==> flow/design.v <==
module alu_registers_rtl #(
  parameter D = 48,
  parameter WIDTH = 24,
  parameter ADDR_WIDTH = $clog2(D)
) (
  input wire CLK,
  input wire i_rst_n,
  input wire in_wr,
  input wire [ADDR_WIDTH-1:0] in_wsel,
  input wire [WIDTH-1:0] in_write_data,
  input wire [ADDR_WIDTH-1:0] in_raddr_a,
  input wire [ADDR_WIDTH-1:0] in_raddr_b,
  output wire [WIDTH-1:0] out_read_data_a,
  output wire [WIDTH-1:0] out_read_data_b
);
  reg wr_s;
  reg [ADDR_WIDTH-1:0] wsel_s;
  reg [WIDTH-1:0] write_data_s;
  always @(posedge CLK or negedge i_rst_n) begin
    if (!i_rst_n) begin
      wr_s <= 1'b0;
      wsel_s <= 0;
      write_data_s <= 0;
    end else begin
      wr_s <= in_wr;
      wsel_s <= in_wsel;
      write_data_s <= in_write_data;
    end
  end
  reg [WIDTH-1:0] ram [0:D-1];
  always @(posedge CLK) begin
    if (wr_s && wsel_s != 0)
      ram[wsel_s] <= write_data_s;
  end
  reg [ADDR_WIDTH-1:0] raddr_a_s;
  reg [ADDR_WIDTH-1:0] raddr_b_s;
  reg [WIDTH-1:0] read_data_a_s;
  always @(posedge CLK or negedge i_rst_n) begin
    if (!i_rst_n) begin
      raddr_a_s <= 0;
      raddr_b_s <= 0;
      read_data_a_s <= 0;
    end else begin
      raddr_a_s <= in_raddr_a;
      raddr_b_s <= in_raddr_b;
      read_data_a_s <= (raddr_a_s == 0) ? {WIDTH{1'b0}} : ram[raddr_a_s];
    end
  end
  assign out_read_data_a = read_data_a_s;
  reg [WIDTH-1:0] read_data_b_s;
  always @(posedge CLK or negedge i_rst_n) begin
    if (!i_rst_n) begin
      read_data_b_s <= 0;
    end else begin
      read_data_b_s <= (raddr_b_s == 0) ? {WIDTH{1'b0}} : ram[raddr_b_s];
    end
  end
  assign out_read_data_b = read_data_b_s;
endmodule
# From RTL to reports: alu_registers_rtl
# Tool output for the design above, in the order of the flow.
# Lines are those of the file above, counted from 1.
# Not given: -
[design]
design = "alu_registers_rtl"
clk_port = "CLK"
cell_library = "sky130hd"
pvt_corner = "tt_025C_1v80"

# Word-level counts
# Counts by Yosys on the flattened word-level netlist (proc, flatten, opt, wreduce; memories kept). Register bits leave out memories and registers merged into their read ports (data or address); mux counts leave out enables and synchronous resets folded into registers. Print and check cells are left out. Cells with the same type and inputs are merged into one.
# Yosys's memory passes give these memory sizes; they may raise the number of words (mostly to a power of two), join words into wider ones and drop unused or constant bits.
[op_classes]
n_mux = 5
reduce_and_logical = 4
[ops]
columns = ["op", "n"]
rows = [
  ["two-way mux 24 bit", 3],
  ["logical NOT 6 bit", 2],
  ["nonzero test 6 bit", 1],
  ["two-way mux 6 bit", 1],
  ["logical AND 1 bit", 1],
  ["two-way mux 1 bit", 1],
]
[word_totals]
mem_count = 1
output_inout_bits = 48
word_cells = 17
mem_bits_rw = 1152
reg_bits = 91
inputBits = 45
[mem_list]
columns = ["name", "size", "width", "rd", "write_ports", "line", "source"]
rows = [
  ["ram", 48, 24, 2, 1, 30, "reg [WIDTH-1:0] ram [0:D-1];"],
]

# Logic depth
# Yosys ltp: most cells in a row. Word level: on the elaborated netlist, between registers, memories and ports. Mapped: between sequential cells and ports; inverters and the memories' decode and read muxes count.
[depth]
depth_word = 3
abc_area = 0
depth_mapped = 9
ltp_nobuf = 5

# Synthesis result
# Yosys stat after the flow's synthesis: flattened, memories mapped to cells. It holds for the ABC_AREA given above (unset counts as 0); a run with the other value may have another netlist.
# The area totals of this step are shown rounded.
[types]
columns = ["type", "n", "area_total_um2"]
rows = [
  ["sky130_fd_sc_hd__edfxtp_1", 1152, 3.46E+04],
  ["sky130_fd_sc_hd__mux4_2", 493, 1.11E+04],
  ["sky130_fd_sc_hd__dfrtp_1", 91, 2.28E+03],
  ["sky130_fd_sc_hd__mux2i_1", 107, 1.07E+03],
  ["sky130_fd_sc_hd__mux2_2", 91, 1.02E+03],
  ["sky130_fd_sc_hd__a22oi_1", 102, 765.734],
  ["sky130_fd_sc_hd__nor2_1", 136, 510.49],
  ["sky130_fd_sc_hd__buf_2", 89, 445.427],
  ["sky130_fd_sc_hd__o22ai_1", 59, 369.104],
  ["sky130_fd_sc_hd__a211oi_1", 42, 315.302],
  ["sky130_fd_sc_hd__a221oi_1", 34, 297.786],
  ["sky130_fd_sc_hd__buf_6", 26, 292.781],
  ["sky130_fd_sc_hd__nand2_1", 77, 289.027],
  ["sky130_fd_sc_hd__buf_4", 37, 277.766],
  ["sky130_fd_sc_hd__o21ai_0", 47, 235.226],
  ["sky130_fd_sc_hd__nor2b_1", 37, 231.472],
  ["sky130_fd_sc_hd__a31oi_1", 29, 181.424],
  ["sky130_fd_sc_hd__clkbuf_1", 47, 176.419],
]
# Not listed: further types 38, cells in them 232.
[synth_totals]
seqArea_um2 = 36870
mapped_area_um2 = 56010
buf_cells = 213
ffs = 1243
cells = 2928

# Worst setup path after synthesis
# Source: OpenSTA report_checks on the synthesized netlist (no wires, ideal clock, input and output delay 20% of the period each), path of least setup slack; recovery checks are left aside. Register names are those of the netlist, which keeps one name where synthesis merged equal registers.
[synth_path]
path_type = "flip-flop to flip-flop"
start = "reg wsel_s[5]"
end = "mem ram[23][0]"
t_required_ps = 2705
path_delay_ps = 2491
t_first_pin_ps = 0
path_slack_ps = 620
n_path_buf = 1
setup_ps = 405
period_ps = 3110
driving_pins = 4
arrival_ps = 2086
synth_period_reached_ps = 2490
# "path_delay_ps" = arrival - input delay + setup time.
# "driving_pins": output pins that drive a net of the path, with the launching flip-flop's if there is one; two outputs of one cell count as two.
# "synth_period_reached_ps" is the clock period less the worst setup slack; recovery checks do not enter. This is arithmetic on one report: input and output delays are still those of the set period (20% each).
# The rows between start and end are the longest chain of elaborated cells between them; the timing report does not say that the signal goes this way. Where chains are equally long, one stands for them.
# Each line given opens the expression or statement behind the cell; cells for indexed reads and writes are added by Yosys, which also makes memories of some case tables.
# The path ends at the enable pin of a flip-flop; only ways to that pin are counted.
[synth_between]
cell_sequence = "sky130_fd_sc_hd__dfrtp_1 sky130_fd_sc_hd__or3b_2 sky130_fd_sc_hd__clkbuf_1 sky130_fd_sc_hd__nor2_1"
elab_chain_len = 3
cone_cells = 4
lines_between = 1
cone_classes = "mux (2); reduce/logical (2)"
[synth_rtl]
columns = ["item", "line", "source"]
rows = [
  ["start: declaration", 17, "reg [ADDR_WIDTH-1:0] wsel_s;"],
  ["start: assignment", 22, "wsel_s <= 0;"],
  ["start: assignment", 26, "wsel_s <= in_wsel;"],
  ["nonzero test 6 bit", 32, "if (wr_s && wsel_s != 0)"],
  ["logical AND 1 bit", 32, ""],
  ["two-way mux 6 bit", 32, ""],
  ["end: declaration", 30, "reg [WIDTH-1:0] ram [0:D-1];"],
]

# Worst path after layout
# Path of least setup slack in the final report of run 1 (OpenROAD, finished layout, wires in). Where an end is a register, its clock arrival counts in the times.
# The report prints the path's times to 10 ps; the period is as set.
[layout_path]
path_type = "flip-flop to flip-flop"
start = "reg raddr_a_s[0]"
end = "reg read_data_a_s[11]"
driving_pins = 9
n_path_buf = 3
t_required_ps = 2170
t_first_pin_ps = 770
path_slack_ps = -980
setup_ps = 140
arrival_ps = 3160
period_ps = 1550
# The rows between start and end are the longest chain of elaborated cells between them; the timing report does not say that the signal goes this way. Where chains are equally long, one stands for them.
# A memory read counts as a cell of the chain, while the word-level depth stops at memories.
[layout_between]
cell_sequence = "sky130_fd_sc_hd__dfrtp_4 sky130_fd_sc_hd__buf_12 sky130_fd_sc_hd__buf_16 sky130_fd_sc_hd__buf_12 sky130_fd_sc_hd__mux4_2 sky130_fd_sc_hd__a22oi_1 sky130_fd_sc_hd__nand2_2 sky130_fd_sc_hd__a31oi_1 sky130_fd_sc_hd__a31oi_2"
elab_chain_len = 2
cone_cells = 3
lines_between = 2
cone_classes = "mux (1); reduce/logical (1); memory (1)"
[layout_rtl]
columns = ["item", "line", "source"]
rows = [
  ["start: declaration", 35, "reg [ADDR_WIDTH-1:0] raddr_a_s;"],
  ["start: assignment", 40, "raddr_a_s <= 0;"],
  ["start: assignment", 44, "raddr_a_s <= in_raddr_a;"],
  ["memory (48 x 24 bit)", 30, "reg [WIDTH-1:0] ram [0:D-1];"],
  ["two-way mux 24 bit", 46, "read_data_a_s <= (raddr_a_s == 0) ? {WIDTH{1'b0}} : ram[raddr_a_s];"],
  ["end: assignment", 42, "read_data_a_s <= 0;"],
  ["end: assignment", 46, ""],
  ["end: declaration", 37, "reg [WIDTH-1:0] read_data_a_s;"],
]

# Top module alu_registers_rtl; platform sky130hd; tools Yosys and OpenROAD; 3 stored runs in no particular order. Input and output delays are each 20% of the period that was set; the output load is 0.01 pF.
# "achievedPeriod_ps" = clock period - worst setup slack. The figure is calculated, with input and output delays left at 20% of the set period.
# "power_w": no workload was simulated; the value follows from the tool's default switching activity.
# The results are shown rounded.

[[run]]
name = "run 1"
[run.settings]
period_ns = 1.55
CORE_UTILIZATION = 37
SETUP_SLACK_MARGIN = 0.46
PLACE_DENSITY_LB_ADDON = 0.05
CORE_MARGIN = 3
CELL_PAD_IN_SITES_DETAIL_PLACEMENT = 1
ABC_AREA = 0
CTS_CLUSTER_DIAMETER = 185
SLEW_MARGIN = 10
CAP_MARGIN = 20
[run.results]
total_negative_slack_ps = -257900
power_w = 0.08189
timing.setup.ws_ps = -984
achievedPeriod_ps = 2534
die_footprint_um2 = 156100
ys_area_um2 = 56010
post_route_util_pct = 51.5

[[run]]
name = "run 2"
[run.settings]
period_ns = 4.72
CORE_UTILIZATION = 72
PLACE_DENSITY = 0.56
CELL_PAD_IN_SITES_GLOBAL_PLACEMENT = 1
CTS_CLUSTER_SIZE = 50
SLEW_MARGIN = 10
MAX_ROUTING_LAYER = "met5"
CAP_MARGIN = 20
CORE_MARGIN = 2
[run.results]
total_negative_slack_ps = 0
power_w = 0.02434
timing.setup.ws_ps = 910
achievedPeriod_ps = 3810
die_footprint_um2 = 80040
ys_area_um2 = 56010
post_route_util_pct = 81.5

[[run]]
name = "run 3"
[run.settings]
period_ns = 3.11
CAP_MARGIN = 20
CORE_MARGIN = 2
CORE_UTILIZATION = 40
SLEW_MARGIN = 20
[run.results]
total_negative_slack_ps = 0
power_w = 0.03822
timing.setup.ws_ps = 14
achievedPeriod_ps = 3096
die_footprint_um2 = 143000
ys_area_um2 = 56010
post_route_util_pct = 47.5
